==> flow/design.v <==
module my_mul_unit_mod (sys_clk, nrst, a_in, b_in, clear_in, m_out);
    parameter DWIDTH = 5;
    parameter G = 2;
    input sys_clk;
    input nrst;
    input [DWIDTH-1:0] a_in;
    input [DWIDTH-1:0] b_in;
    input clear_in;
    output [2*DWIDTH+G-1:0] m_out;
    reg [DWIDTH-1:0] a_r;
    reg [DWIDTH-1:0] b_r;
    reg clear_r;
    always @(posedge sys_clk or negedge nrst) begin
        if (~nrst) begin
            a_r <= 0;
            b_r <= 0;
            clear_r <= 1'b0;
        end else begin
            a_r <= a_in;
            b_r <= b_in;
            clear_r <= clear_in;
        end
    end
    wire [2*DWIDTH-1:0] work;
    assign work = a_r * b_r;
    reg [2*DWIDTH+G-1:0] accum;
    always @(posedge sys_clk or negedge nrst) begin
        if (~nrst) begin
            accum <= 0;
        end else begin
            accum <= clear_r ? work : accum + work;
        end
    end
    assign m_out = accum;
endmodule
Step by step through the tools: my_mul_unit_mod
What the tools print for my_mul_unit_mod, step after step.
Line numbers count from 1 in the design file above.
Cell names lack the library's common part.
{ "setup": {"top": "my_mul_unit_mod", "clock": "sys_clk", "lib": "sky130hd", "pvt_corner": "tt_025C_1v80"} }

Word-level counts
Source: Yosys, flattened and elaborated, memories not mapped. Widths are those after wreduce; folded enables and synchronous resets count as part of the registers. Registers that Yosys merges into a memory's read port (data or address) are not register bits. Print and check cells do not count. Equal cells are merged and count once.
{ "bits": {"reg_bits": 23, "input_bits": 13, "output_inout_bits": 12} }
{ "op_classes": {"mul": 1, "n_addsub": 1, "mux": 1} }
{ "ops": {"columns": ["cell", "count"], "rows": [
  ["5-bit by 5-bit multiplier with 10-bit output", 1],
  ["12-bit by 10-bit adder with 12-bit output", 1],
  ["12-bit 2-to-1 mux", 1]
]} }

Depth
Depth = most cells in a row (Yosys ltp): at word level without a register or memory, in the mapped netlist without a sequential cell, where the memories' decode and read muxes count.
{ "depth": {"depth_word": 3, "ABC_AREA": 0, "mapped_depth": 19, "ltp_nobuf": 19} }

Synthesis result
Source: synth_stat.txt of the flow (Yosys; design flattened, memories mapped). It holds for the ABC_AREA given above (unset counts as 0); a run with the other value may have another netlist.
{ "by_type": {"columns": ["cell_type", "count"], "rows": [
  ["dfrtp_1", 23],
  ["ha_1", 29],
  ["fa_1", 10],
  ["and2_1", 16],
  ["nand2_1", 20],
  ["inv_1", 15],
  ["xnor2_1", 6],
  ["a21oi_1", 9],
  ["mux2_2", 4],
  ["xor2_1", 5],
  ["o21ai_0", 7],
  ["mux2_4", 2],
  ["a21oi_2", 3],
  ["nor2b_1", 4],
  ["a21o_1", 3],
  ["nor2_1", 6],
  ["o21bai_1", 3],
  ["nand3_1", 4]
]} }
Other cell types: 17; their cells: 21.
{ "synth_totals": {"mapped_area_um2": 1908.1, "ffs": 23, "buf_cells": 3, "cell_count": 190, "seqArea_um2": 575.6} }

Path before layout
OpenSTA on the mapped netlist: ideal clock, no wires. The path of least setup slack (recovery checks aside). Input and output delay are each 20% of the period. Register names are those of the netlist, which keeps one name where synthesis merged equal registers.
{ "synth_path": {"path_type": "register to register", "from": "register b_r[4]", "to": "register accum[11]", "period_ns": 5.33, "setup_slack_ns": 1.068, "path_stages": 19, "required_ns": 5.205, "setup_time_ns": 0.125, "delay_ns": 4.262, "arrival_time_ns": 4.137, "launch_ns": 0.000, "path_buffers": 0, "period_less_setup_slack_ns": 4.262} }
"delay_ns" is the arrival time less input delay plus setup time.
"path_stages": output pins that drive a net of the path, with the launching flip-flop's if there is one; two outputs of one cell count as two.
"period_less_setup_slack_ns" = period - worst setup slack (recovery checks aside). The figure is calculated, with input and output delays left at 20% of the set period.
The rows between start and end are the longest chain of elaborated cells between them; the timing report does not say that the signal goes this way. Where chains are equally long, one stands for them.
A line is the first line of the expression or statement that the cell stems from. Yosys adds cells for indexed reads and writes and turns some case tables into memories.
{ "synth_via": {"cell_sequence": "dfrtp_1 nand2_1 fa_1 fa_1 fa_1 inv_1 ha_1 a21o_1 a21oi_2 o21bai_1 a21oi_2 xnor2_1 ha_1 a21oi_1 o21ai_0 nor2_1 o21ai_2 o211ai_1 mux2_4", "elab_chain_cells": 3, "cells_between": 3, "classes_between": "1 x add/sub; 1 x mul; 1 x mux"} }
{ "synth_rtl": {"columns": ["item", "line", "source"], "rows": [
  ["from (decl)", 11, "reg [DWIDTH-1:0] b_r;"],
  ["from (assign)", 16, "b_r <= 0;"],
  ["from (assign)", 20, "b_r <= b_in;"],
  ["5-bit by 5-bit multiplier with 10-bit output", 25, "assign work = a_r * b_r;"],
  ["12-bit by 10-bit adder with 12-bit output", 31, "accum <= clear_r ? work : accum + work;"],
  ["12-bit 2-to-1 mux", 31, null],
  ["to (assign)", 29, "accum <= 0;"],
  ["to (assign)", 31, null],
  ["to (decl)", 26, "reg [2*DWIDTH+G-1:0] accum;"]
]} }

Worst path after layout
Path of least setup slack in the final report of run 1 (OpenROAD, finished layout, wires in). Where an end is a register, its clock arrival counts in the times.
{ "layout_path": {"path_type": "register to register", "from": "register a_r[0]", "to": "register accum[8]", "setup_slack_ns": 0.85, "arrival_time_ns": 4.69, "required_ns": 5.54, "launch_ns": 0.26, "setup_time_ns": 0.05, "path_stages": 18, "period_ns": 5.33, "path_buffers": 0} }
The rows between start and end are the longest chain of elaborated cells between them; the timing report does not say that the signal goes this way. Where chains are equally long, one stands for them.
{ "layout_via": {"cell_sequence": "dfrtp_1 nand2_1 fa_1 fa_1 fa_1 inv_1 ha_1 a21o_1 a21oi_2 o21bai_1 a21oi_2 xnor2_1 ha_1 inv_1 a2111oi_0 mux2i_1 o311ai_0 mux2_4", "elab_chain_cells": 3, "cells_between": 3, "classes_between": "1 x add/sub; 1 x mul; 1 x mux"} }
{ "layout_rtl": {"columns": ["item", "line", "source"], "rows": [
  ["from (decl)", 10, "reg [DWIDTH-1:0] a_r;"],
  ["from (assign)", 15, "a_r <= 0;"],
  ["from (assign)", 19, "a_r <= a_in;"],
  ["5-bit by 5-bit multiplier with 10-bit output", 25, "assign work = a_r * b_r;"],
  ["12-bit by 10-bit adder with 12-bit output", 31, "accum <= clear_r ? work : accum + work;"],
  ["12-bit 2-to-1 mux", 31, null],
  ["to (assign)", 29, "accum <= 0;"],
  ["to (assign)", 31, null],
  ["to (decl)", 26, "reg [2*DWIDTH+G-1:0] accum;"]
]} }

Below are 3 stored runs of the flow (Yosys, OpenROAD; platform sky130hd) on my_mul_unit_mod, each with its settings and what was measured, unordered. Constraints: input delay and output delay 20% of the set period each, output load 0.01 pF.
"worst_path_allowed_less_slack_ns" means the part of the period allowed to the worst setup path (the constraints hold back 20% at inputs and 20% at outputs) less its slack; where the path has registers, the arrival times of their clocks count too.
[
  {
    "run": "run 1",
    "settings": { "period_ns": 5.33, "CAP_MARGIN": 20, "CORE_MARGIN": 2, "CORE_UTILIZATION": 40, "SLEW_MARGIN": 20 },
    "results": { "final_setup_ws_ns": 0.849, "yosys_chip_area_um2": 1908.1, "hold_worst_slack_ns": 0.639, "die_um2": 5338.5, "finalCellArea_um2": 2255.9, "worst_path_allowed_less_slack_ns": 4.48, "worst_path_kind": "register to register" }
  },
  {
    "run": "run 2",
    "settings": { "period_ns": 3.74, "CORE_UTILIZATION": 56, "PLACE_DENSITY_LB_ADDON": 0.13, "CELL_PAD_IN_SITES_DETAIL_PLACEMENT": 2, "GPL_ROUTABILITY_DRIVEN": 0, "CTS_CLUSTER_SIZE": 51, "CAP_MARGIN": 20, "CORE_MARGIN": 2, "SLEW_MARGIN": 20 },
    "outcome": "no results, placement failed with DPL-0033"
  },
  {
    "run": "run 3",
    "settings": { "period_ns": 6.46, "CORE_UTILIZATION": 61, "PLACE_DENSITY_LB_ADDON": 0.24, "TNS_END_PERCENT": 20, "ABC_AREA": 1, "GPL_ROUTABILITY_DRIVEN": 0, "CTS_CLUSTER_DIAMETER": 24, "CAP_MARGIN": 20, "CORE_MARGIN": 2, "SLEW_MARGIN": 20 },
    "results": { "final_setup_ws_ns": 2.229, "yosys_chip_area_um2": 2105.8, "hold_worst_slack_ns": 0.545, "die_um2": 3938.2, "finalCellArea_um2": 2414.8, "worst_path_allowed_less_slack_ns": 4.23, "worst_path_kind": "register to register" }
  }
]
